==> flow/design.v <==
module order #(
   parameter DWIDTH = 12
) (
   input logic aclk,
   input logic RSTN,
   input logic valid,
   input logic [DWIDTH-1:0] in_dataa,
   input logic [DWIDTH-1:0] in_datab,
   output logic out_a_gt_b
);
   logic [DWIDTH-1:0] dataa_d1;
   always_ff @(posedge aclk or negedge RSTN) begin
      if (~RSTN) begin
         dataa_d1 <= '0;
      end else if (valid) begin
         dataa_d1 <= in_dataa;
      end
   end
   logic [DWIDTH-1:0] datab_d1;
   always_ff @(posedge aclk or negedge RSTN) begin
      if (~RSTN) begin
         datab_d1 <= '0;
      end else if (valid) begin
         datab_d1 <= in_datab;
      end
   end
   logic [DWIDTH:0] cy;
   assign cy[0] = 1'b0;
   generate
      for (genvar g = 0; g < DWIDTH; g++) begin : u_g
         assign cy[g+1] = (dataa_d1[g] ^ datab_d1[g]) ? dataa_d1[g] : cy[g];
      end
   endgenerate
   assign out_a_gt_b = cy[DWIDTH];
endmodule
Step by step through the tools: order
The steps from the RTL of order to its reports follow in flow order.
Lines are those of the file above, counted from 1.
Library cell names are shortened.
A cell with n/a has no value.
- top: order
- clock: aclk
- standard-cell library: sky130hd
- corner: tt_025C_1v80

Elaborated design
Source: Yosys, flattened and elaborated, memories not mapped. Widths are those after wreduce; folded enables and synchronous resets count as part of the registers. Registers that Yosys merges into a memory's read port (data or address) are not register bits. Print and check cells do not count. Equal cells are merged and count once.
- register bits after elaboration: 24
- noted latch bits: 0
- noted bits in writable memories: 0
- memory bits (read-only): 0
- noted clocked read ports x word width: 0
- memories kept: 0
- output and inout port bits: 1
- noted cells after elaboration: 26
- $add $sub $neg: 0
- multiply operators: 0
- noted div/mod/pow operators: 0
- magnitude comparators: 0
- equal/unequal tests: 0
- noted shift operators: 0
- noted mux-type cells: 12
- noted bitwise gates (word level): 12
- reduce/logical cells: 0
- operators by type and width (operator ; count):
    XOR 1 bit ; 12
    2-to-1 mux 1 bit ; 12

Depth
Depth = most cells in a row (Yosys ltp): at word level without a register or memory, in the mapped netlist without a sequential cell, where the memories' decode and read muxes count.
- depth in word-level cells: 13
- noted ABC_AREA: 0
- depth in mapped cells: 5
- mapped depth without buffers at 5

Netlist
Yosys stat after the flow's synthesis: flattened, memories mapped to cells. It holds for the ABC_AREA given above (unset counts as 0); a run with the other value may have another netlist.
- cells by type (type ; count ; area in all (µm²)):
    dfrtp_1 ; 24 ; 600.576
    mux2_2 ; 12 ; 135.13
    o21ai_0 ; 13 ; 65.062
    nand2_1 ; 14 ; 52.55
    inv_1 ; 12 ; 45.043
    a22oi_1 ; 3 ; 22.522
    o22ai_1 ; 3 ; 18.768
    a221oi_1 ; 2 ; 17.517
    nand2b_1 ; 2 ; 12.512
    a221o_2 ; 1 ; 11.261
    maj3_2 ; 1 ; 11.261
    buf_2 ; 2 ; 10.01
    a311oi_1 ; 1 ; 8.758
    clkbuf_1 ; 2 ; 7.507
    o211ai_1 ; 1 ; 7.507
    nor3_1 ; 1 ; 5.005
    nor2_1 ; 1 ; 3.754
- mapped cells: 95
- noted synthesis area: 1034.7 µm²
- area of sequential cells: 600.6 µm²
- flip-flop cells at 24

Path before layout
OpenSTA on the mapped netlist: ideal clock, no wires. The path of least setup slack (recovery checks aside). Input and output delay are each 20% of the period. Register names are those of the netlist, which keeps one name where synthesis merged equal registers.
- path type: reg2out
- start: register datab_d1[1]
- end: output out_a_gt_b
- noted clock period: 2.0 ns
- noted external output delay: 0.400 ns
- noted launch time at the first pin: 0.000 ns
- arrival time: 1.278 ns
- required time: 1.600 ns
- path slack at 0.322 ns
- path delay at 1.278 ns
- stages: 6
- noted buffers on the path: 0
- period reached after synthesis at 1.678 ns
"path delay" is the arrival time less input delay plus setup time.
A path that ends at an output port has no setup time.
"stages": output pins that drive a net of the path, with the launching flip-flop's if there is one; two outputs of one cell count as two.
"period reached after synthesis" is the clock period less the worst setup slack; recovery checks do not enter. This is arithmetic on one report: input and output delays are still those of the set period (20% each).
Between the ends stands the longest chain of elaborated cells between them, by number of cells; it is not shown to be the way that was timed. Of several equally long chains one is given.
Each line given opens the expression or statement behind the cell; cells for indexed reads and writes are added by Yosys, which also makes memories of some case tables.
- path through: dfrtp_1 > nand2b_1 > maj3_2 > a311oi_1 > o211ai_1 > nand2_1
- cells in the longest elaborated chain at 12
- elaborated cells on any way between the ends: 12
- classes of those cells: mux: 11; logic: 1
- ends and longest elaborated chain, after synthesis (item ; RTL line ; source):
    start: declaration ; 19 ; logic [DWIDTH-1:0] datab_d1;
    start: assignment ; 22 ; datab_d1 <= '0;
    start: assignment ; 24 ; datab_d1 <= in_datab;
    XOR 1 bit ; 31 ; assign cy[g+1] = (dataa_d1[g] ^ datab_d1[g]) ? dataa_d1[g] : cy[g];
    2-to-1 mux 1 bit x11 ; 31 ;
    end: declaration ; 9 ; output logic out_a_gt_b

Path in the finished layout
Path of least setup slack in the final report of run 1 (OpenROAD, finished layout, wires in). Where an end is a register, its clock arrival counts in the times.
- path type: reg2out
- start: register datab_d1[1]
- end: output out_a_gt_b
- noted clock period: 1.73 ns
- noted external output delay: 0.35 ns
- noted launch time at the first pin: 0.33 ns
- arrival time: 1.79 ns
- required time: 1.38 ns
- path slack at -0.41 ns
- stages: 7
- noted buffers on the path: 2
Between the ends stands the longest chain of elaborated cells between them, by number of cells; it is not shown to be the way that was timed. Of several equally long chains one is given.
- path through: dfrtp_1 > buf_4 > a221o_2 > a311oi_2 > o211ai_1 > nand2_1 > buf_2
- cells in the longest elaborated chain at 12
- elaborated cells on any way between the ends: 12
- classes of those cells: mux: 11; logic: 1
- ends and longest elaborated chain, after layout (item ; RTL line ; source):
    start: declaration ; 19 ; logic [DWIDTH-1:0] datab_d1;
    start: assignment ; 22 ; datab_d1 <= '0;
    start: assignment ; 24 ; datab_d1 <= in_datab;
    XOR 1 bit ; 31 ; assign cy[g+1] = (dataa_d1[g] ^ datab_d1[g]) ? dataa_d1[g] : cy[g];
    2-to-1 mux 1 bit x11 ; 31 ;
    end: declaration ; 9 ; output logic out_a_gt_b

Ticket comment

Measured data: module order, platform sky130hd, 3 stored runs of the flow under differing settings, order arbitrary. Input and output delays are each 20% of the period that was set; the output load is 0.01 pF.
"achieved clock period": clock period set for the run, less the worst setup slack. It is reckoned from that one timing run; input and output delays stay at 20% of the period that was set.
"critical setup path time" is the time allowed to the run's worst setup path (the clock period less input and output delay, where it has them) less its slack. Clock arrival times count: a late capture clock shortens it, a late launch clock lengthens it.
"total power of the final layout" rests on the timing tool's default activity at the inputs, not on a simulated workload.

Run 1
Settings were period_ns = 1.73; CORE_UTILIZATION = 31; SETUP_SLACK_MARGIN = 0.33; PLACE_DENSITY_LB_ADDON = 0.29; CELL_PAD_IN_SITES_DETAIL_PLACEMENT = 1; GPL_TIMING_DRIVEN = 1; CTS_CLUSTER_SIZE = 96; SLEW_MARGIN = 0; CAP_MARGIN = 20; CORE_MARGIN = 2
- total negative setup slack at -0.405 ns
- noted the chip area in the Yosys report: 1,034.7 µm²
- setup slack of the worst path: -0.405 ns
- total power of the final layout at 1,311 uW
- critical setup path time at 1.79 ns
- critical path kind: reg2out
- noted the standard-cell area after layout: 1,483.9 µm²
- noted the achieved clock period: 2.135 ns
- overall die area: 3,816.2 µm²

Run 2
Settings were period_ns = 2.0; CAP_MARGIN = 20; CORE_MARGIN = 2; CORE_UTILIZATION = 40; SLEW_MARGIN = 20
- total negative setup slack at -0.131 ns
- noted the chip area in the Yosys report: 1,034.7 µm²
- setup slack of the worst path: -0.131 ns
- total power of the final layout at 1,014 uW
- critical setup path time at 1.73 ns
- critical path kind: reg2out
- noted the standard-cell area after layout: 1,437.6 µm²
- noted the achieved clock period: 2.131 ns
- overall die area: 3,009.6 µm²

Run 3
Settings were period_ns = 1.23; CORE_UTILIZATION = 61; PLACE_DENSITY = 0.72; CORE_ASPECT_RATIO = 0.52; CORE_MARGIN = 3; CTS_CLUSTER_SIZE = 40; CTS_CLUSTER_DIAMETER = 337; CAP_MARGIN = 0; SLEW_MARGIN = 35; MIN_ROUTING_LAYER = met2
- unfinished; error PDN-0185 in floorplanning
